==> flow/design.v <==
module mul_core #(
    parameter integer XLEN = 7
) (
    input  logic i_clk,
    input  logic aresetn,
    input  logic [XLEN-1:0] first_i,
    input  logic [XLEN-1:0] second_i,
    input  logic [2*XLEN-1:0] third_i,
    output logic [2*XLEN:0] result_o
);
    logic [XLEN-1:0] first_s;
    logic [XLEN-1:0] second_s;
    logic [2*XLEN-1:0] third_s;
    logic [2*XLEN:0] result_s;
    always_ff @(posedge i_clk or negedge aresetn) begin
        if (!aresetn) begin
            first_s <= '0;
            second_s <= '0;
            third_s <= '0;
            result_s <= '0;
        end else begin
            first_s <= first_i;
            second_s <= second_i;
            third_s <= third_i;
            result_s <= first_s * second_s + third_s;
        end
    end
    assign result_o = result_s;
endmodule
## Tool chain data of mul_core

Tool output for the design above, in the order of the flow.
Line numbers count from 1 in the design file above.
Operators carry their Yosys type and port widths (W data, S select, Z words).
Library cell names are shortened.
The mark - stands for no value.

| design | value |
|---|---|
| design top | mul_core |
| clock input | i_clk |
| library | sky130hd |
| corner | tt_025C_1v80 |

## Word-level counts

Source: Yosys, flattened and elaborated, memories not mapped. Widths are those after wreduce; folded enables and synchronous resets count as part of the registers. Registers that Yosys merges into a memory's read port (data or address) are not register bits. Print and check cells do not count. Equal cells are merged and count once.

| operators by class | value |
|---|---|
| add/sub/neg operators | 1 |
| multiply operators | 1 |
| divide/modulo/power cells | 0 |
| order comparisons | 0 |
| equality and inequality tests | 0 |
| shifts and indexed selects | 0 |
| muxes and demuxes | 0 |
| bitwise logic cells | 0 |
| reductions and logical operators | 0 |

Operators with widths:

| cell | number |
|---|---|
| $mul A7 B7 Y14 | 1 |
| $add A14 B14 Y15 | 1 |

| bit counts | value |
|---|---|
| register bits | 43 |
| bits in latches | 0 |
| memory bits (writable) | 0 |
| bits in read-only memories | 0 |
| clocked read ports x word width | 0 |
| memories | 0 |
| input bits | 30 |
| output and inout port bits | 15 |
| cells after elaboration | 6 |

## Longest topological paths

Yosys ltp: most cells in a row. Word level: on the elaborated netlist, between registers, memories and ports. Mapped: between sequential cells and ports; inverters and the memories' decode and read muxes count.

| logic depth | value |
|---|---|
| depth after elaboration | 2 |
| ABC_AREA | 0 |
| gate-level depth with buffers | 15 |

## Netlist

Yosys stat after the flow's synthesis: flattened, memories mapped to cells. It holds for the ABC_AREA given above (unset counts as 0); a run with the other value may have another netlist.
The area totals of this step are shown rounded.

Cells by type:

| type | number |
|---|---|
| dfrtp_1 | 43 |
| fa_1 | 37 |
| ha_1 | 34 |
| inv_1 | 78 |
| and2_1 | 32 |
| nand2_1 | 22 |
| xnor2_1 | 4 |
| a211oi_1 | 4 |
| a21o_1 | 4 |
| a21oi_1 | 6 |
| nor2_1 | 8 |
| o21ai_0 | 5 |
| o211ai_1 | 3 |
| o31ai_4 | 1 |
| a21oi_2 | 2 |
| a21boi_0 | 2 |
| nor3_1 | 3 |
| a211oi_2 | 1 |

Not listed: further types 19, cells in them 22.

| mapped netlist | value |
|---|---|
| standard cells after synthesis | 311 |
| chip area (Yosys) | 0.003259 mm2 |
| area of sequential cells | 0.001076 mm2 |
| flip-flops | 43 |

## Path before layout

OpenSTA on the mapped netlist: ideal clock, no wires. The path of least setup slack (recovery checks aside). Input and output delay are each 20% of the period. Register names are those of the netlist, which keeps one name where synthesis merged equal registers.

| path after synthesis | value |
|---|---|
| path kind | reg-to-reg |
| start | register first_s[2] |
| end | register result_s[11] |
| clock period | 5.13 ns |
| launch time at the first pin | 0.000 ns |
| arrival | 4.011 ns |
| required time | 5.040 ns |
| setup slack | 1.029 ns |
| path delay | 4.101 ns |
| driving pins on the path | 13 |
| path buffers | 0 |
| synthesis period reached | 4.101 ns |

"path delay" = arrival - input delay + setup time.
"driving pins on the path" counts driving pins, that of a launching flip-flop among them; a cell with two outputs on the path counts twice.
"synthesis period reached" = period - worst setup slack (recovery checks aside). The figure is calculated, with input and output delays left at 20% of the set period.
The rows between start and end are the longest chain of elaborated cells between them; the timing report does not say that the signal goes this way. Where chains are equally long, one stands for them.
Each line given opens the expression or statement behind the cell; cells for indexed reads and writes are added by Yosys, which also makes memories of some case tables.

| between the ends, after synthesis | value |
|---|---|
| cells stage by stage | dfrtp_1 > and2_1 > fa_1 > fa_1 > fa_1 > inv_1 > fa_1 > inv_1 > ha_1 > a21o_1 > and2_1 > or4_1 > o2111ai_1 |
| cells in the longest elaborated chain | 2 |
| elaborated cells between the ends (all ways) | 2 |
| RTL lines with such cells | 1 |
| those cells by class | 1 x add/sub; 1 x mul |

RTL lines, path after synthesis:

| item | RTL line | RTL |
|---|---|---|
| from (decl) | 11 | `logic [XLEN-1:0] first_s;` |
| from (assign) | 17 | `first_s <= '0;` |
| from (assign) | 22 | `first_s <= first_i;` |
| $mul A7 B7 Y14 | 25 | `result_s <= first_s * second_s + third_s;` |
| $add A14 B14 Y15 | 25 |  |
| to (assign) | 20 | `result_s <= '0;` |
| to (assign) | 25 |  |
| to (decl) | 14 | `logic [2*XLEN:0] result_s;` |

## Worst path after layout

Path of least setup slack in the final report of run 1 (OpenROAD, finished layout, wires in). Where an end is a register, its clock arrival counts in the times.

| path post-layout | value |
|---|---|
| path kind | reg-to-reg |
| start | register first_s[3] |
| end | register result_s[14] |
| clock period | 7.22 ns |
| launch time at the first pin | 0.29 ns |
| arrival | 4.59 ns |
| required time | 7.42 ns |
| setup slack | 2.82 ns |
| driving pins on the path | 14 |
| path buffers | 0 |

The rows between start and end are the longest chain of elaborated cells between them; the timing report does not say that the signal goes this way. Where chains are equally long, one stands for them.

| between the ends, post-layout | value |
|---|---|
| cells stage by stage | dfrtp_1 > and2_1 > fa_1 > fa_1 > inv_1 > fa_1 > fa_1 > inv_1 > ha_1 > a21o_1 > a211oi_2 > nor4b_1 > a211o_1 > a311oi_1 |
| cells in the longest elaborated chain | 2 |
| elaborated cells between the ends (all ways) | 2 |
| RTL lines with such cells | 1 |
| those cells by class | 1 x add/sub; 1 x mul |

RTL lines, path post-layout:

| item | RTL line | RTL |
|---|---|---|
| from (decl) | 11 | `logic [XLEN-1:0] first_s;` |
| from (assign) | 17 | `first_s <= '0;` |
| from (assign) | 22 | `first_s <= first_i;` |
| $mul A7 B7 Y14 | 25 | `result_s <= first_s * second_s + third_s;` |
| $add A14 B14 Y15 | 25 |  |
| to (assign) | 20 | `result_s <= '0;` |
| to (assign) | 25 |  |
| to (decl) | 14 | `logic [2*XLEN:0] result_s;` |

Record of 3 stored runs of the RTL-to-layout flow on mul_core, platform sky130hd. The runs are unordered. Constraints: input delay and output delay 20% of the set period each, output load 0.01 pF.
"achieved clock period" means the clock period less the worst setup slack. The figure is calculated, with input and output delays left at 20% of the set period.
"time on the worst setup path" = time allowed to the worst setup path (clock period - input delay - output delay, where it has them) - its slack; a late launch clock adds to it, a late capture clock takes from it.
"total power after layout" is the tool's figure for a default switching activity; nothing was simulated.
The results are shown rounded.

## Run 1

==> flow/run.sh <==
#!/bin/bash
# the make line also repeats the synthesis and layout settings of config.mk as NAME=value (left out here)
make -C /OpenROAD-flow-scripts/flow DESIGN_CONFIG=/design/flow/config.mk WORK_HOME=/design/flow/orfs CLKGATE_MAP_FILE= finish
==> flow/config.mk <==
export PLATFORM = sky130hd
export DESIGN_NAME = mul_core
export DESIGN_NICKNAME = mul_core
export VERILOG_FILES = /design/flow/design.v
export SDC_FILE = /design/flow/constraint.sdc
export NUM_CORES = 4
export LEC_CHECK = 0
export ABC_AREA = 0
export CAP_MARGIN = 20
export CORE_MARGIN = 5
export CORE_UTILIZATION = 60
export CTS_CLUSTER_DIAMETER = 121
export CTS_CLUSTER_SIZE = 78
export MAX_ROUTING_LAYER = met5
export PLACE_DENSITY_LB_ADDON = 0.26
export SLEW_MARGIN = 20
export TNS_END_PERCENT = 55
==> flow/constraint.sdc <==
create_clock -name core_clock -period 7.22 [get_ports {i_clk}]
set_input_delay 1.4440 -clock core_clock [delete_from_list [all_inputs] [get_ports {i_clk}]]
set_output_delay 1.4440 -clock core_clock [all_outputs]
set_load 0.01 [all_outputs]

| result of run 1 | value |
|---|---|
| final worst hold slack | 0.500 ns |
| post-layout utilization | 0.748 |
| netlist area reported by Yosys | 0.003259 mm2 |
| achieved clock period | 4.396 ns |
| standard-cell area after routing | 0.003895 mm2 |
| total power after layout | 1.169 mW |
| time on the worst setup path | 4.40 ns |
| type of the worst setup path | reg-to-reg |
| smallest setup slack | 2.824 ns |
| die size | 0.007007 mm2 |
| setup total negative slack | 0.000 ns |

## Run 2

==> flow/run.sh <==
#!/bin/bash
# the make line also repeats the synthesis and layout settings of config.mk as NAME=value (left out here)
make -C /OpenROAD-flow-scripts/flow DESIGN_CONFIG=/design/flow/config.mk WORK_HOME=/design/flow/orfs CLKGATE_MAP_FILE= finish
==> flow/config.mk <==
export PLATFORM = sky130hd
export DESIGN_NAME = mul_core
export DESIGN_NICKNAME = mul_core
export VERILOG_FILES = /design/flow/design.v
export SDC_FILE = /design/flow/constraint.sdc
export NUM_CORES = 4
export LEC_CHECK = 0
export ABC_AREA = 0
export CAP_MARGIN = 20
export CELL_PAD_IN_SITES_GLOBAL_PLACEMENT = 0
export CORE_ASPECT_RATIO = 0.91
export CORE_MARGIN = 2
export CORE_UTILIZATION = 66
export CTS_CLUSTER_DIAMETER = 142
export MAX_ROUTING_LAYER = met5
export SLEW_MARGIN = 20
export TNS_END_PERCENT = 35
==> flow/constraint.sdc <==
create_clock -name core_clock -period 6.06 [get_ports {i_clk}]
set_input_delay 1.2120 -clock core_clock [delete_from_list [all_inputs] [get_ports {i_clk}]]
set_output_delay 1.2120 -clock core_clock [all_outputs]
set_load 0.01 [all_outputs]

| result of run 2 | value |
|---|---|
| final worst hold slack | 0.487 ns |
| post-layout utilization | 0.814 |
| netlist area reported by Yosys | 0.003259 mm2 |
| achieved clock period | 4.447 ns |
| standard-cell area after routing | 0.003889 mm2 |
| total power after layout | 1.406 mW |
| time on the worst setup path | 4.45 ns |
| type of the worst setup path | reg-to-reg |
| smallest setup slack | 1.613 ns |
| die size | 0.005517 mm2 |
| setup total negative slack | 0.000 ns |

## Run 3

==> flow/run.sh <==
#!/bin/bash
# the make line also repeats the synthesis and layout settings of config.mk as NAME=value (left out here)
make -C /OpenROAD-flow-scripts/flow DESIGN_CONFIG=/design/flow/config.mk WORK_HOME=/design/flow/orfs CLKGATE_MAP_FILE= finish
==> flow/config.mk <==
export PLATFORM = sky130hd
export DESIGN_NAME = mul_core
export DESIGN_NICKNAME = mul_core
export VERILOG_FILES = /design/flow/design.v
export SDC_FILE = /design/flow/constraint.sdc
export NUM_CORES = 4
export LEC_CHECK = 0
export CAP_MARGIN = 20
export CORE_MARGIN = 2
export CORE_UTILIZATION = 40
export SLEW_MARGIN = 20
==> flow/constraint.sdc <==
create_clock -name core_clock -period 5.13 [get_ports {i_clk}]
set_input_delay 1.0260 -clock core_clock [delete_from_list [all_inputs] [get_ports {i_clk}]]
set_output_delay 1.0260 -clock core_clock [all_outputs]
set_load 0.01 [all_outputs]

| result of run 3 | value |
|---|---|
| final worst hold slack | 0.486 ns |
| post-layout utilization | 0.508 |
| netlist area reported by Yosys | 0.003259 mm2 |
| achieved clock period | 4.411 ns |
| standard-cell area after routing | 0.003963 mm2 |
| total power after layout | 1.645 mW |
| time on the worst setup path | 4.41 ns |
| type of the worst setup path | reg-to-reg |
| smallest setup slack | 0.719 ns |
| die size | 0.008887 mm2 |
| setup total negative slack | 0.000 ns |
